==> flow/design.v <==
module alu_summer_blk (ck, RST, i_a, i_b, i_cin, o_result, o_carry_out);
   parameter DW = 48;
   parameter BLK = 16;
   input ck;
   input RST;
   input [DW-1:0] i_a;
   input [DW-1:0] i_b;
   input i_cin;
   output [DW-1:0] o_result;
   output o_carry_out;
   localparam SLICES = DW / BLK;
   wire [DW-1:0] t;
   wire [SLICES:0] cy;
   assign cy[0] = i_cin;
   genvar ii;
   generate
      for (ii = 0; ii < SLICES; ii = ii + 1) begin : stage
         wire [BLK:0] s0 = i_a[ii*BLK +: BLK] + i_b[ii*BLK +: BLK];
         wire [BLK:0] s1 = i_a[ii*BLK +: BLK] + i_b[ii*BLK +: BLK] + 1'b1;
         assign {cy[ii+1], t[ii*BLK +: BLK]} = cy[ii] ? s1 : s0;
      end
   endgenerate
   reg [DW-1:0] result_r;
   always @(posedge ck) begin
      if (RST) begin
         result_r <= 0;
      end else begin
         result_r <= t;
      end
   end
   assign o_result = result_r;
   reg carry_out_r;
   always @(posedge ck) begin
      if (RST) begin
         carry_out_r <= 1'b0;
      end else begin
         carry_out_r <= cy[SLICES];
      end
   end
   assign o_carry_out = carry_out_r;
endmodule
==> Reports on alu_summer_blk <==
Tool output for the design above, in the order of the flow.
Lines are those of the file above, counted from 1.
{ "design": {"design": "alu_summer_blk", "clock_port": "ck", "library": "sky130hd", "corner": "tt_025C_1v80"} }

==> After elaboration <==
Yosys after proc, flatten, opt, wreduce and memory -nomap, before mapping. Enables and synchronous resets that opt folds into registers are not counted as muxes. Memory bits, and registers merged into a memory's read port (data or address), are not among the register bits. Print and check cells are not counted. Equal cells are merged and count once.
{ "word_totals": {"reg_bits": 49, "latch_bits": 0, "mem_bits_rw": 0, "mem_bits_ro": 0, "clocked_rd_ports_x_width": 0, "memories": 0, "in_bits": 99, "out_inout_bits": 49, "wordCells": 11} }
{ "op_classes": {"addsub": 6, "n_mul": 0, "div": 0, "compare": 0, "eq_ne": 0, "shift": 0, "n_mux": 3, "logic": 0, "reduce_and_logical": 0} }
{ "ops": {"columns": ["op", "count"], "rows": [
  ["16-bit by 16-bit adder with 17-bit output", 3],
  ["17-bit by 1-bit adder with 17-bit output with constant B", 3],
  ["17-bit 2-to-1 mux", 3]
]} }

==> Longest topological paths <==
Depth = most cells in a row (Yosys ltp): at word level without a register or memory, in the mapped netlist without a sequential cell, where the memories' decode and read muxes count.
{ "depth": {"depth_word": 5, "ABC_AREA": 1, "mapped_depth": 21} }

==> Netlist <==
Source: synth_stat.txt of the flow (Yosys; design flattened, memories mapped). It holds for the ABC_AREA given above (unset counts as 0); a run with the other value may have another netlist.
The area totals of this step are shown rounded.
{ "by_type": {"columns": ["cell", "count", "type_area_um2"], "rows": [
  ["sky130_fd_sc_hd__nand2_1", 333, 1.25E+03],
  ["sky130_fd_sc_hd__dfxtp_1", 49, 980.941],
  ["sky130_fd_sc_hd__ha_1", 51, 638.112],
  ["sky130_fd_sc_hd__inv_1", 156, 585.562],
  ["sky130_fd_sc_hd__nand3_1", 92, 460.442],
  ["sky130_fd_sc_hd__a21oi_1", 71, 355.341],
  ["sky130_fd_sc_hd__nor2_1", 62, 232.723],
  ["sky130_fd_sc_hd__xor2_1", 18, 157.651],
  ["sky130_fd_sc_hd__nand4_1", 20, 125.12],
  ["sky130_fd_sc_hd__o21ai_0", 24, 120.115],
  ["sky130_fd_sc_hd__nor3_1", 19, 95.091],
  ["sky130_fd_sc_hd__nand2_2", 10, 62.56],
  ["sky130_fd_sc_hd__fa_1", 3, 60.058],
  ["sky130_fd_sc_hd__xnor2_1", 6, 52.55],
  ["sky130_fd_sc_hd__nor2_2", 8, 50.048],
  ["sky130_fd_sc_hd__nand2_8", 2, 40.038],
  ["sky130_fd_sc_hd__nand3_4", 2, 35.034],
  ["sky130_fd_sc_hd__inv_2", 9, 33.782]
]} }
Other cell types: 19; their cells: 35.
{ "synth_totals": {"mapped_cells": 970, "area_mm2": 0.00561, "sequential_area_mm2": 0.000981, "ffs": 49, "buffers": 10} }

==> Worst setup path after synthesis <==
Source: OpenSTA report_checks on the synthesized netlist (no wires, ideal clock, input and output delay 20% of the period each), path of least setup slack; recovery checks are left aside. Register names are those of the netlist, which keeps one name where synthesis merged equal registers.
{ "synth_timing": {"kind": "input-to-reg", "start": "input port i_a[0]", "end": "register result_r[39]", "period_ns": 5.49, "in_delay_ns": 1.098, "setup_time_ns": 0.132, "launch_ns": 1.098, "t_arrival_ns": 3.397, "path_slack_ns": 1.960, "delay_ns": 2.431, "stages": 21, "n_path_buf": 1, "synth_period_reached_ns": 3.53} }
"delay_ns" = arrival - input delay + setup time.
"stages" counts driving pins, that of a launching flip-flop among them; a cell with two outputs on the path counts twice.
"synth_period_reached_ns" is the clock period less the worst setup slack; recovery checks do not enter. This is arithmetic on one report: input and output delays are still those of the set period (20% each).
The rows between start and end are the longest chain of elaborated cells between them; the timing report does not say that the signal goes this way. Where chains are equally long, one stands for them.
A line is the first line of the expression or statement that the cell stems from. Yosys adds cells for indexed reads and writes and turns some case tables into memories.
{ "synth_via": {"path_cell_list": "sky130_fd_sc_hd__ha_1 sky130_fd_sc_hd__inv_1 sky130_fd_sc_hd__fa_1 sky130_fd_sc_hd__inv_1 sky130_fd_sc_hd__ha_1 sky130_fd_sc_hd__nand2_1 sky130_fd_sc_hd__nor2_2 sky130_fd_sc_hd__nand3_2 sky130_fd_sc_hd__nor2_2 sky130_fd_sc_hd__nand2_2 sky130_fd_sc_hd__nor2_4 sky130_fd_sc_hd__nand2_4 sky130_fd_sc_hd__nor2_8 sky130_fd_sc_hd__nand2_2 sky130_fd_sc_hd__nand2_4 sky130_fd_sc_hd__nand2_4 sky130_fd_sc_hd__nand2_8 sky130_fd_sc_hd__nand2_8 sky130_fd_sc_hd__buf_6 sky130_fd_sc_hd__nand2_1 sky130_fd_sc_hd__a21oi_1", "elab_chain_len": 5, "cone_cells": 5, "classes_between": "add/sub: 2; mux: 3"} }
{ "synth_lines": {"columns": ["item", "line", "rtl"], "rows": [
  ["from (decl)", 6, "input [DW-1:0] i_a;"],
  ["16-bit by 16-bit adder with 17-bit output", 19, "wire [BLK:0] s1 = i_a[ii*BLK +: BLK] + i_b[ii*BLK +: BLK] + 1'b1;"],
  ["17-bit by 1-bit adder with 17-bit output", 19, null],
  ["17-bit 2-to-1 mux (3 in a row)", 20, "assign {cy[ii+1], t[ii*BLK +: BLK]} = cy[ii] ? s1 : s0;"],
  ["to (assign)", 26, "result_r <= 0;"],
  ["to (assign)", 28, "result_r <= t;"],
  ["to (decl)", 23, "reg [DW-1:0] result_r;"]
]} }

==> Timing after layout <==
From the final timing report of stored run 1: the path of least setup slack in the routed layout; clock arrival at registers is part of the times.
{ "layout_timing": {"kind": "input-to-reg", "start": "input port i_a[6]", "end": "register result_r[37]", "period_ns": 3.4, "in_delay_ns": 0.68, "setup_time_ns": 0.06, "launch_ns": 0.68, "t_arrival_ns": 3.26, "path_slack_ns": 0.37, "stages": 19, "n_path_buf": 2} }
The rows between start and end are the longest chain of elaborated cells between them; the timing report does not say that the signal goes this way. Where chains are equally long, one stands for them.
{ "layout_via": {"path_cell_list": "sky130_fd_sc_hd__clkdlybuf4s50_1 sky130_fd_sc_hd__ha_1 sky130_fd_sc_hd__nand2_2 sky130_fd_sc_hd__inv_2 sky130_fd_sc_hd__nand4_2 sky130_fd_sc_hd__nand2_2 sky130_fd_sc_hd__nand2_2 sky130_fd_sc_hd__nand2_2 sky130_fd_sc_hd__nand2_2 sky130_fd_sc_hd__nor2_4 sky130_fd_sc_hd__nand2_4 sky130_fd_sc_hd__nor2_8 sky130_fd_sc_hd__nand2_2 sky130_fd_sc_hd__nand2_4 sky130_fd_sc_hd__nand2_8 sky130_fd_sc_hd__nand2_8 sky130_fd_sc_hd__buf_6 sky130_fd_sc_hd__nand3_4 sky130_fd_sc_hd__a21oi_2", "elab_chain_len": 5, "cone_cells": 5, "classes_between": "add/sub: 2; mux: 3"} }
{ "layout_lines": {"columns": ["item", "line", "rtl"], "rows": [
  ["from (decl)", 6, "input [DW-1:0] i_a;"],
  ["16-bit by 16-bit adder with 17-bit output", 19, "wire [BLK:0] s1 = i_a[ii*BLK +: BLK] + i_b[ii*BLK +: BLK] + 1'b1;"],
  ["17-bit by 1-bit adder with 17-bit output", 19, null],
  ["17-bit 2-to-1 mux (3 in a row)", 20, "assign {cy[ii+1], t[ii*BLK +: BLK]} = cy[ii] ? s1 : s0;"],
  ["to (assign)", 26, "result_r <= 0;"],
  ["to (assign)", 28, "result_r <= t;"],
  ["to (decl)", 23, "reg [DW-1:0] result_r;"]
]} }

--- measured runs ---
Flow measurements of alu_summer_blk on sky130hd: 3 stored runs with different settings, listed in no order. Input and output delays are each 20% of the period that was set; the output load is 0.01 pF.
"clock_period_reached_ns": clock period set for the run, less the worst setup slack. It is reckoned from that one timing run; input and output delays stay at 20% of the period that was set.
"power.total_uw" rests on the timing tool's default activity at the inputs, not on a simulated workload.
Results are given in rounded form.

Stored run 1
==> flow/run.sh <==
#!/bin/bash
# the make line also repeats the synthesis and layout settings of config.mk as NAME=value (left out here)
make -C /OpenROAD-flow-scripts/flow DESIGN_CONFIG=/design/flow/config.mk WORK_HOME=/design/flow/orfs CLKGATE_MAP_FILE= finish
==> flow/config.mk <==
export PLATFORM = sky130hd
export DESIGN_NAME = alu_summer_blk
export DESIGN_NICKNAME = alu_summer_blk
export VERILOG_FILES = /design/flow/design.v
export SDC_FILE = /design/flow/constraint.sdc
export NUM_CORES = 4
export LEC_CHECK = 0
export ABC_AREA = 1
export CAP_MARGIN = 20
export CELL_PAD_IN_SITES_GLOBAL_PLACEMENT = 1
export CORE_MARGIN = 2
export CORE_UTILIZATION = 20
export CTS_CLUSTER_SIZE = 55
export GPL_ROUTABILITY_DRIVEN = 1
export PLACE_DENSITY_LB_ADDON = 0.03
export SETUP_SLACK_MARGIN = 0.21
export SLEW_MARGIN = 5
==> flow/constraint.sdc <==
create_clock -name core_clock -period 3.4 [get_ports {ck}]
set_input_delay 0.6800 -clock core_clock [delete_from_list [all_inputs] [get_ports {ck}]]
set_output_delay 0.6800 -clock core_clock [all_outputs]
set_load 0.01 [all_outputs]

==> results of stored run 1, as JSON <==
{
  "worst_hold_slack_ns": 0.844,
  "design_die_area_mm2": 0.0294,
  "power.total_uw": 2950,
  "ws_setup_ns": 0.374,
  "post_synth_area_mm2": 0.00561,
  "clock_period_reached_ns": 3.026,
  "timing.setup.tns_ns": 0.000,
  "cell_area_final_mm2": 0.00924
}

Stored run 2
==> flow/run.sh <==
#!/bin/bash
# the make line also repeats the synthesis and layout settings of config.mk as NAME=value (left out here)
make -C /OpenROAD-flow-scripts/flow DESIGN_CONFIG=/design/flow/config.mk WORK_HOME=/design/flow/orfs CLKGATE_MAP_FILE= finish
==> flow/config.mk <==
export PLATFORM = sky130hd
export DESIGN_NAME = alu_summer_blk
export DESIGN_NICKNAME = alu_summer_blk
export VERILOG_FILES = /design/flow/design.v
export SDC_FILE = /design/flow/constraint.sdc
export NUM_CORES = 4
export LEC_CHECK = 0
export CAP_MARGIN = 20
export CORE_MARGIN = 2
export CORE_UTILIZATION = 40
export SLEW_MARGIN = 20
==> flow/constraint.sdc <==
create_clock -name core_clock -period 5.49 [get_ports {ck}]
set_input_delay 1.0980 -clock core_clock [delete_from_list [all_inputs] [get_ports {ck}]]
set_output_delay 1.0980 -clock core_clock [all_outputs]
set_load 0.01 [all_outputs]

==> results of stored run 2, as JSON <==
{
  "timing.setup.tns_ns": 0.000,
  "power.total_uw": 1580,
  "ws_setup_ns": 0.660,
  "design_die_area_mm2": 0.0147,
  "post_synth_area_mm2": 0.00548,
  "clock_period_reached_ns": 4.830,
  "worst_hold_slack_ns": 1.39,
  "cell_area_final_mm2": 0.00732
}

Stored run 3
==> flow/run.sh <==
#!/bin/bash
# the make line also repeats the synthesis and layout settings of config.mk as NAME=value (left out here)
make -C /OpenROAD-flow-scripts/flow DESIGN_CONFIG=/design/flow/config.mk WORK_HOME=/design/flow/orfs CLKGATE_MAP_FILE= finish
==> flow/config.mk <==
export PLATFORM = sky130hd
export DESIGN_NAME = alu_summer_blk
export DESIGN_NICKNAME = alu_summer_blk
export VERILOG_FILES = /design/flow/design.v
export SDC_FILE = /design/flow/constraint.sdc
export NUM_CORES = 4
export LEC_CHECK = 0
export ABC_AREA = 1
export CAP_MARGIN = 20
export CORE_ASPECT_RATIO = 1.57
export CORE_MARGIN = 2
export CORE_UTILIZATION = 53
export CTS_CLUSTER_DIAMETER = 342
export GPL_ROUTABILITY_DRIVEN = 1
export PLACE_DENSITY_LB_ADDON = 0.05
export SETUP_SLACK_MARGIN = 0.62
export SLEW_MARGIN = 20
==> flow/constraint.sdc <==
create_clock -name core_clock -period 5.61 [get_ports {ck}]
set_input_delay 1.1220 -clock core_clock [delete_from_list [all_inputs] [get_ports {ck}]]
set_output_delay 1.1220 -clock core_clock [all_outputs]
set_load 0.01 [all_outputs]

==> results of stored run 3, as JSON <==
{
  "cell_area_final_mm2": 0.00734,
  "design_die_area_mm2": 0.0114,
  "worst_hold_slack_ns": 1.35,
  "power.total_uw": 1530,
  "timing.setup.tns_ns": 0.000,
  "post_synth_area_mm2": 0.00561,
  "ws_setup_ns": 1.59,
  "clock_period_reached_ns": 4.016
}
--- end ---
